==> flow/design.v <==
module cmp_v2 #(
    parameter integer DW = 36,
    parameter integer COUNT = 3
) (
    input wire clk_i,
    input wire en,
    input wire [COUNT*DW-1:0] src,
    output reg [DW-1:0] max_o
);
    wire [DW-1:0] n_ [1:2*COUNT-1];
    genvar ii;
    generate
        for (ii = 0; ii < COUNT; ii = ii + 1) begin : blk
            assign n_[COUNT+ii] = src[ii*DW +: DW];
        end
        for (ii = 1; ii < COUNT; ii = ii + 1) begin : slice
            assign n_[ii] = (n_[2*ii] > n_[2*ii+1]) ? n_[2*ii] : n_[2*ii+1];
        end
    endgenerate
    always @(posedge clk_i) begin
        if (en) begin
            max_o <= n_[1];
        end
    end
endmodule
## Reports on cmp_v2

What the tools print for cmp_v2, step after step.
Line numbers count from 1 in the design file above.
Operators: Yosys type, input widths -> output width; for muxes data width and select width s.
Library cell names are shortened.
A cell with - has no value.

| set-up | value |
|---|---|
| top | cmp_v2 |
| clock input | clk_i |
| cell library | sky130hd |
| corner | tt_025C_1v80 |

## After elaboration

Counts by Yosys on the flattened word-level netlist (proc, flatten, opt, wreduce; memories kept). Register bits leave out memories and registers merged into their read ports (data or address); mux counts leave out enables and synchronous resets folded into registers. Print and check cells are left out. Cells with the same type and inputs are merged into one.

| cells by class | value |
|---|---|
| order comparisons | 2 |
| mux-type cells | 2 |

Operator list:

| cell | number |
|---|---|
| $gt 36x36->1 | 2 |
| $mux 36 | 2 |

| bit counts | value |
|---|---|
| bits in registers | 36 |
| bits of input ports | 110 |
| output and inout port bits | 36 |
| elaborated cells | 5 |

## Longest topological paths

Longest topological path by Yosys (ltp), each cell counted once; first at word level (registers and memories cut), then after technology mapping (sequential cells cut; the memories' decode and read muxes count).

| logic depth | value |
|---|---|
| word-level depth | 4 |
| ABC_AREA | 1 |
| depth in mapped cells | 32 |
| depth with buffers taken out | 30 |

## After synthesis

Yosys stat after the flow's synthesis: flattened, memories mapped to cells. It holds for the ABC_AREA given above (unset counts as 0); a run with the other value may have another netlist.

Cell types:

| cell type | number |
|---|---|
| edfxtp_1 | 36 |
| ha_1 | 72 |
| nand2_1 | 152 |
| inv_1 | 129 |
| nand3_1 | 77 |
| nand2_4 | 30 |
| and2_1 | 28 |
| a21oi_1 | 28 |
| nor2_1 | 19 |
| and2_4 | 7 |
| buf_12 | 3 |
| nand2_8 | 2 |
| buf_4 | 5 |
| nand4_1 | 5 |
| nand2_2 | 4 |
| o21ai_0 | 5 |
| a21o_1 | 3 |
| nor2_4 | 2 |

Not listed: further types 14, cells in them 24.

| mapped netlist | value |
|---|---|
| cells in the netlist | 631 |
| mapped area | 4631.9 um^2 |
| flip-flops | 36 |

## Worst setup path after synthesis

Path of least setup slack by OpenSTA after synthesis, without wires, with an ideal clock, recovery checks aside; 20% of the period is set as input and as output delay. Where synthesis merged equal registers, the netlist keeps one of their names.

| path after synthesis | value |
|---|---|
| path type | in2reg |
| from | input port src[107] |
| to | register max_o[32] |
| clock period | 6560 ps |
| library setup time | 253 ps |
| launch time at the first pin | 1312 ps |
| arrival time | 4129 ps |
| required time | 6307 ps |
| setup slack | 2178 ps |
| path delay | 3070 ps |
| stages | 22 |
| buffers on the path | 2 |
| period reached after synthesis | 4382 ps |

"path delay" is the arrival time less input delay plus setup time.
"stages": output pins that drive a net of the path, with the launching flip-flop's if there is one; two outputs of one cell count as two.
"period reached after synthesis" is the clock period less the worst setup slack; recovery checks do not enter. This is arithmetic on one report: input and output delays are still those of the set period (20% each).
The rows between start and end are the longest chain of elaborated cells between them; the timing report does not say that the signal goes this way. Where chains are equally long, one stands for them.
Each line given opens the expression or statement behind the cell; cells for indexed reads and writes are added by Yosys, which also makes memories of some case tables.

| on the way, after synthesis | value |
|---|---|
| cells stage by stage | inv_1 > ha_1 > nand2_1 > nor2_2 > inv_2 > nor3_4 > nand3_4 > nand2_8 > buf_12 > nand2_4 > and2_1 > ha_1 > nand2_1 > nor2_1 > nand2_1 > nor3_1 > nand4_1 > nand2_2 > clkinv_2 > buf_4 > nand3_1 > nand2_1 |
| cells in the longest elaborated chain | 4 |
| elaborated cells between the ends (all ways) | 4 |

RTL lines, path after synthesis:

| what | line | source |
|---|---|---|
| start, declared | 7 | `input wire [COUNT*DW-1:0] src,` |
| $gt 36x36->1 | 17 | `assign n_[ii] = (n_[2*ii] > n_[2*ii+1]) ? n_[2*ii] : n_[2*ii+1];` |
| $mux 36 | 17 |  |
| $gt 36x36->1 | 17 |  |
| $mux 36 | 17 |  |
| end, assigned | 22 | `max_o <= n_[1];` |
| end, declared | 8 | `output reg [DW-1:0] max_o` |

## Worst path after layout

From the final timing report of run B: the path of least setup slack in the routed layout; clock arrival at registers is part of the times.
The report prints the path's times to 10 ps; the period is as set.

| path post-layout | value |
|---|---|
| path type | in2reg |
| from | input port src[62] |
| to | register max_o[0] |
| clock period | 7360 ps |
| library setup time | 240 ps |
| launch time at the first pin | 1470 ps |
| arrival time | 5220 ps |
| required time | 7400 ps |
| setup slack | 2180 ps |
| stages | 23 |
| buffers on the path | 4 |

The rows between start and end are the longest chain of elaborated cells between them; the timing report does not say that the signal goes this way. Where chains are equally long, one stands for them.

| on the way, post-layout | value |
|---|---|
| cells stage by stage | clkdlybuf4s50_1 > ha_1 > nand2_2 > nor2_4 > nand4_4 > nor3_4 > buf_6 > nand3_4 > buf_12 > nand2_8 > nand2_4 > and2_4 > ha_4 > nand2_4 > nor2_4 > nand4_1 > nor2_4 > nand4_1 > nand3_4 > nand2_8 > buf_6 > nand2_1 > nand2_1 |
| cells in the longest elaborated chain | 4 |
| elaborated cells between the ends (all ways) | 4 |

RTL lines, path post-layout:

| what | line | source |
|---|---|---|
| start, declared | 7 | `input wire [COUNT*DW-1:0] src,` |
| $gt 36x36->1 | 17 | `assign n_[ii] = (n_[2*ii] > n_[2*ii+1]) ? n_[2*ii] : n_[2*ii+1];` |
| $mux 36 | 17 |  |
| $gt 36x36->1 | 17 |  |
| $mux 36 | 17 |  |
| end, assigned | 22 | `max_o <= n_[1];` |
| end, declared | 8 | `output reg [DW-1:0] max_o` |

Top module cmp_v2; platform sky130hd; tools Yosys and OpenROAD; 3 stored runs in no particular order. Input and output delays are each 20% of the period that was set; the output load is 0.01 pF.
"clock period reached" means the clock period less the worst setup slack. The figure is calculated, with input and output delays left at 20% of the set period.
"time of the worst setup path": the worst setup path's part of the clock period (all of it between registers, 20% less for each end at a port) less its slack. A launch clock that arrives late makes it longer, a capture clock that arrives late makes it shorter.
"total design power": no workload was simulated; the value follows from the tool's default switching activity.
"time of the worst setup path" is given in steps of 10 ps.
Settings: n/a = not set for that run.
A result given as n/a is not shown for that run.

| run name | period_ns | CORE_UTILIZATION | SETUP_SLACK_MARGIN | PLACE_DENSITY_LB_ADDON | CORE_ASPECT_RATIO | ABC_AREA | GPL_TIMING_DRIVEN | CTS_CLUSTER_DIAMETER | CAP_MARGIN | MAX_ROUTING_LAYER | CORE_MARGIN | SLEW_MARGIN | GPL_ROUTABILITY_DRIVEN | time of the worst setup path (ps) | worst path kind | standard-cell area of the final layout (um^2) | post-layout utilization (%) | summed negative setup slack (ps) | setup slack of the worst path (ps) | worst-case hold slack (ps) | cell area after synthesis (um^2) | clock period reached (ps) | total die area (um^2) | total design power (µW) |
|---|---|---|---|---|---|---|---|---|---|---|---|---|---|---|---|---|---|---|---|---|---|---|---|---|
| run A | 7.61 | 61 | 1.85 | 0.17 | 0.78 | 0 | 0 | 62 | 40 | met5 | 2 | 20 | n/a | n/a | n/a | n/a | n/a | n/a | n/a | n/a | n/a | n/a | n/a | n/a |
| run B | 7.36 | 34 | 2.07 | 0.23 | 1.23 | 1 | n/a | n/a | 20 | n/a | 2 | 20 | 0 | 3710 | in2reg | 7392.1 | 55.1 | 0 | 2180 | 1651 | 4631.9 | 5180 | 14578.1 | 1161 |
| run C | 6.56 | 40 | n/a | n/a | n/a | n/a | n/a | n/a | 20 | n/a | 2 | 20 | n/a | 4690 | in2reg | 5566.6 | 60.0 | 0 | 562 | 1714 | 3862.5 | 5998 | 10458.1 | 915.3 |

Run A: incomplete, clock tree synthesis halted on DPL-0038
